==> flow/design.v <==
module selector_top #(
    parameter int NBITS = 2,
    parameter int N_IN = 8,
    parameter int LG = $clog2(N_IN)
) (
    input logic clk,
    input logic [N_IN*NBITS-1:0] in_din,
    input logic [LG-1:0] in_idx,
    output logic [NBITS-1:0] out_data_out
);
    logic [N_IN*NBITS-1:0] din_s;
    logic [LG-1:0] idx_s;
    always_ff @(posedge clk) begin
        din_s <= in_din;
        idx_s <= in_idx;
    end
    logic [N_IN-1:0] hot;
    assign hot = {{(N_IN-1){1'b0}}, 1'b1} << idx_s;
    logic [NBITS-1:0] cur;
    always_comb begin
        cur = 0;
        for (int i = 0; i < N_IN; i++)
            cur = cur | (din_s[i*NBITS +: NBITS] & {NBITS{hot[i]}});
    end
    always_ff @(posedge clk) begin
        out_data_out <= cur;
    end
endmodule
# --- Step by step through the tools: selector_top ---
# Tool output for the members of one design family, told apart by "NBITS", in the order of the flow.
# The RTL above is that of NBITS=2; lines are counted from 1 in the file of the member named.
design:
  top: "selector_top"
  clk_port: "clk"
  cell_library: "sky130hd"
  lib_corner: "tt_025C_1v80"

# --- Members of the sweep ---
# Lines of each other member's file that are new or changed against the file above; lines that a member lacks are not shown.
changed_lines:
  columns: ["NBITS", "line_no", "text"]
  rows:
  - [10, 2, "parameter int NBITS = 10,"]
  - [12, 2, "parameter int NBITS = 12,"]
  - [64, 2, "parameter int NBITS = 64,"]

# --- Word-level counts ---
# Yosys after proc, flatten, opt, wreduce and memory -nomap, before mapping. Enables and synchronous resets that opt folds into registers are not counted as muxes. Memory bits, and registers merged into a memory's read port (data or address), are not among the register bits. Print and check cells are not counted. Equal cells are merged and count once.
classes:
  columns: ["NBITS", "shifts", "n_logic"]
  rows:
  - [2, 1, 15]
  - [10, 1, 15]
  - [12, 1, 15]
  - [64, 1, 15]
op_table:
  columns: ["NBITS", "op_list"]
  rows:
  - [2, "bitwise AND 2 bit: 8; OR 2 bit: 7; left shift 1 x 3 -> 8 bit with constant A: 1"]
  - [10, "bitwise AND 10 bit: 8; OR 10 bit: 7; left shift 1 x 3 -> 8 bit with constant A: 1"]
  - [12, "bitwise AND 12 bit: 8; OR 12 bit: 7; left shift 1 x 3 -> 8 bit with constant A: 1"]
  - [64, "bitwise AND 64 bit: 8; OR 64 bit: 7; left shift 1 x 3 -> 8 bit with constant A: 1"]
word_totals:
  columns: ["NBITS", "inputBits", "wordCells", "output_inout_bits", "register_bits"]
  rows:
  - [2, 20, 19, 2, 21]
  - [10, 84, 19, 10, 93]
  - [12, 100, 19, 12, 111]
  - [64, 516, 19, 64, 579]

# --- Longest topological paths ---
# Longest topological path by Yosys (ltp), each cell counted once; first at word level (registers and memories cut), then after technology mapping (sequential cells cut; the memories' decode and read muxes count).
depth:
  columns: ["NBITS", "word_depth", "ABC_AREA", "depth_mapped", "mapped_depth_nobuf"]
  rows:
  - [2, 9, 0, 2, 2]
  - [10, 9, 0, 3, 2]
  - [12, 9, 0, 4, 2]
  - [64, 9, 0, 4, 2]

# --- Mapped cells and area ---
# The flow's flattened synthesis, as Yosys stat reports it; memories are mapped. The netlist is that of the ABC_AREA named above (0 if unset); the other value can give another one.
# Totals and module areas in this step are rounded.
mapped:
  columns: ["NBITS", "synth_area_mm2", "buffers", "sequential_area_mm2", "stdcells", "ffs"]
  rows:
  - [2, 0.000548, 0, 0.00042, 27, 21]
  - [10, 0.00253, 5, 0.00186, 128, 93]
  - [12, 0.00303, 7, 0.00222, 154, 111]
  - [64, 0.0154, 35, 0.0116, 806, 579]
by_type:
  columns: ["NBITS", "cell_types"]
  rows:
  - [2, "sky130_fd_sc_hd__dfxtp_1: 21; sky130_fd_sc_hd__mux4_1: 4; sky130_fd_sc_hd__mux2_2: 2"]
  - [10, "sky130_fd_sc_hd__dfxtp_1: 93; sky130_fd_sc_hd__mux4_1: 20; sky130_fd_sc_hd__mux2_2: 10; sky130_fd_sc_hd__buf_6: 2; sky130_fd_sc_hd__clkbuf_1: 2; sky130_fd_sc_hd__buf_1: 1"]
  - [12, "sky130_fd_sc_hd__dfxtp_1: 111; sky130_fd_sc_hd__mux4_1: 21; sky130_fd_sc_hd__mux2_2: 12; sky130_fd_sc_hd__mux4_2: 3; sky130_fd_sc_hd__buf_6: 3; sky130_fd_sc_hd__buf_2: 2; sky130_fd_sc_hd__clkbuf_1: 2"]
  - [64, "sky130_fd_sc_hd__dfxtp_1: 579; sky130_fd_sc_hd__mux4_2: 128; sky130_fd_sc_hd__mux2_2: 64; sky130_fd_sc_hd__buf_6: 11; sky130_fd_sc_hd__buf_1: 10; sky130_fd_sc_hd__clkbuf_1: 8; sky130_fd_sc_hd__buf_4: 3; sky130_fd_sc_hd__buf_2: 3"]

# --- Path before layout ---
# OpenSTA on the mapped netlist: ideal clock, no wires. The path of least setup slack (recovery checks aside). Input and output delay are each 20% of the period. Register names are those of the netlist, which keeps one name where synthesis merged equal registers.
synth_path:
  columns: ["NBITS", "kind", "start", "end", "setup_slack_ps", "tclk_ps", "stages", "delay_ps", "synth_period_reached_ps"]
  rows:
  - [2, "register -> register", "register idx_s[0]", "register out_data_out[0]", 328, 1630, 3, 1303, 1302]
  - [10, "register -> register", "register idx_s[0]", "register out_data_out[0]", 353, 1750, 4, 1397, 1397]
  - [12, "register -> register", "register idx_s[0]", "register out_data_out[10]", 372, 1850, 5, 1478, 1478]
  - [64, "register -> register", "register idx_s[0]", "register out_data_out[43]", 398, 1980, 5, 1582, 1582]
# "delay_ps" is the arrival time less input delay plus setup time.
# "stages": output pins that drive a net of the path, with the launching flip-flop's if there is one; two outputs of one cell count as two.
# "synth_period_reached_ps" = period - worst setup slack (recovery checks aside). The figure is calculated, with input and output delays left at 20% of the set period.
# Between the ends stands the longest chain of elaborated cells between them, by number of cells; it is not shown to be the way that was timed. Of several equally long chains one is given.
# Each line given opens the expression or statement behind the cell; cells for indexed reads and writes are added by Yosys, which also makes memories of some case tables.
synth_between_NBITS_2:
  elab_chain_len: 9
synth_lines_NBITS_2:
  columns: ["element", "line_no", "text"]
  rows:
  - ["start, declared", 12, "logic [LG-1:0] idx_s;"]
  - ["start, assigned", 15, "idx_s <= in_idx;"]
  - ["left shift 1 x 3 -> 8 bit", 18, "assign hot = {{(N_IN-1){1'b0}}, 1'b1} << idx_s;"]
  - ["bitwise AND 2 bit", 23, "cur = cur | (din_s[i*NBITS +: NBITS] & {NBITS{hot[i]}});"]
  - ["OR 2 bit (7 in a row)", 23, null]
  - ["end, assigned", 26, "out_data_out <= cur;"]
  - ["end, declared", 9, "output logic [NBITS-1:0] out_data_out"]
synth_between_NBITS_64:
  elab_chain_len: 9
synth_lines_NBITS_64:
  columns: ["element", "line_no", "text"]
  rows:
  - ["start, declared", 12, "logic [LG-1:0] idx_s;"]
  - ["start, assigned", 15, "idx_s <= in_idx;"]
  - ["left shift 1 x 3 -> 8 bit", 18, "assign hot = {{(N_IN-1){1'b0}}, 1'b1} << idx_s;"]
  - ["bitwise AND 64 bit", 23, "cur = cur | (din_s[i*NBITS +: NBITS] & {NBITS{hot[i]}});"]
  - ["OR 64 bit (7 in a row)", 23, null]
  - ["end, assigned", 26, "out_data_out <= cur;"]
  - ["end, declared", 9, "output logic [NBITS-1:0] out_data_out"]

# --- Path in the finished layout ---
# Path of least setup slack in the final report of the run of each member (OpenROAD, finished layout, wires in). Where an end is a register, its clock arrival counts in the times.
# The report prints the path's times to 10 ps; the period is as set.
layout_path:
  columns: ["NBITS", "kind", "start", "end", "path_buffers", "tclk_ps", "arrival_ps", "setup_slack_ps", "stages"]
  rows:
  - [2, "register -> output", "register out_data_out[0]", "output port out_data_out[0]", 1, 1630, 1130, 170, 2]
  - [10, "register -> output", "register out_data_out[1]", "output port out_data_out[1]", 1, 1750, 1220, 180, 2]
  - [12, "register -> output", "register out_data_out[2]", "output port out_data_out[2]", 1, 1850, 1220, 260, 2]
  - [64, "register -> output", "register out_data_out[20]", "output port out_data_out[20]", 1, 1980, 1530, 50, 2]

# --- Flow runs ---
# One run of the flow (Yosys, OpenROAD) for each member, with settings and measured results. Input and output delays are each 20% of the period that was set; the output load is 0.01 pF.
settings:
  CAP_MARGIN: 20
  CORE_MARGIN: 2
  CORE_UTILIZATION: 40
  SLEW_MARGIN: 20
settings_by_member:
  columns: ["NBITS", "period_ns"]
  rows:
  - [2, 1.63]
  - [10, 1.75]
  - [12, 1.85]
  - [64, 1.98]
measured:
  columns: ["NBITS", "setupTns_ps", "total_power_mw", "achievedPeriod_ps", "worst_setup_slack_ps", "synthArea_mm2", "die_mm2", "utilization_pct"]
  rows:
  - [2, 0, 0.875, 1458, 172, 0.000548, 0.00168, 62.5]
  - [10, 0, 3.94, 1573, 177, 0.00253, 0.00699, 62.0]
  - [12, 0, 4.41, 1592, 258, 0.00303, 0.00828, 60.8]
  - [64, 0, 25.5, 1925, 55, 0.0154, 0.0401, 62.9]
# "achievedPeriod_ps" means the clock period less the worst setup slack. The figure is calculated, with input and output delays left at 20% of the set period.
# "total_power_mw": no workload was simulated; the value follows from the tool's default switching activity.
# Measured values are rounded.
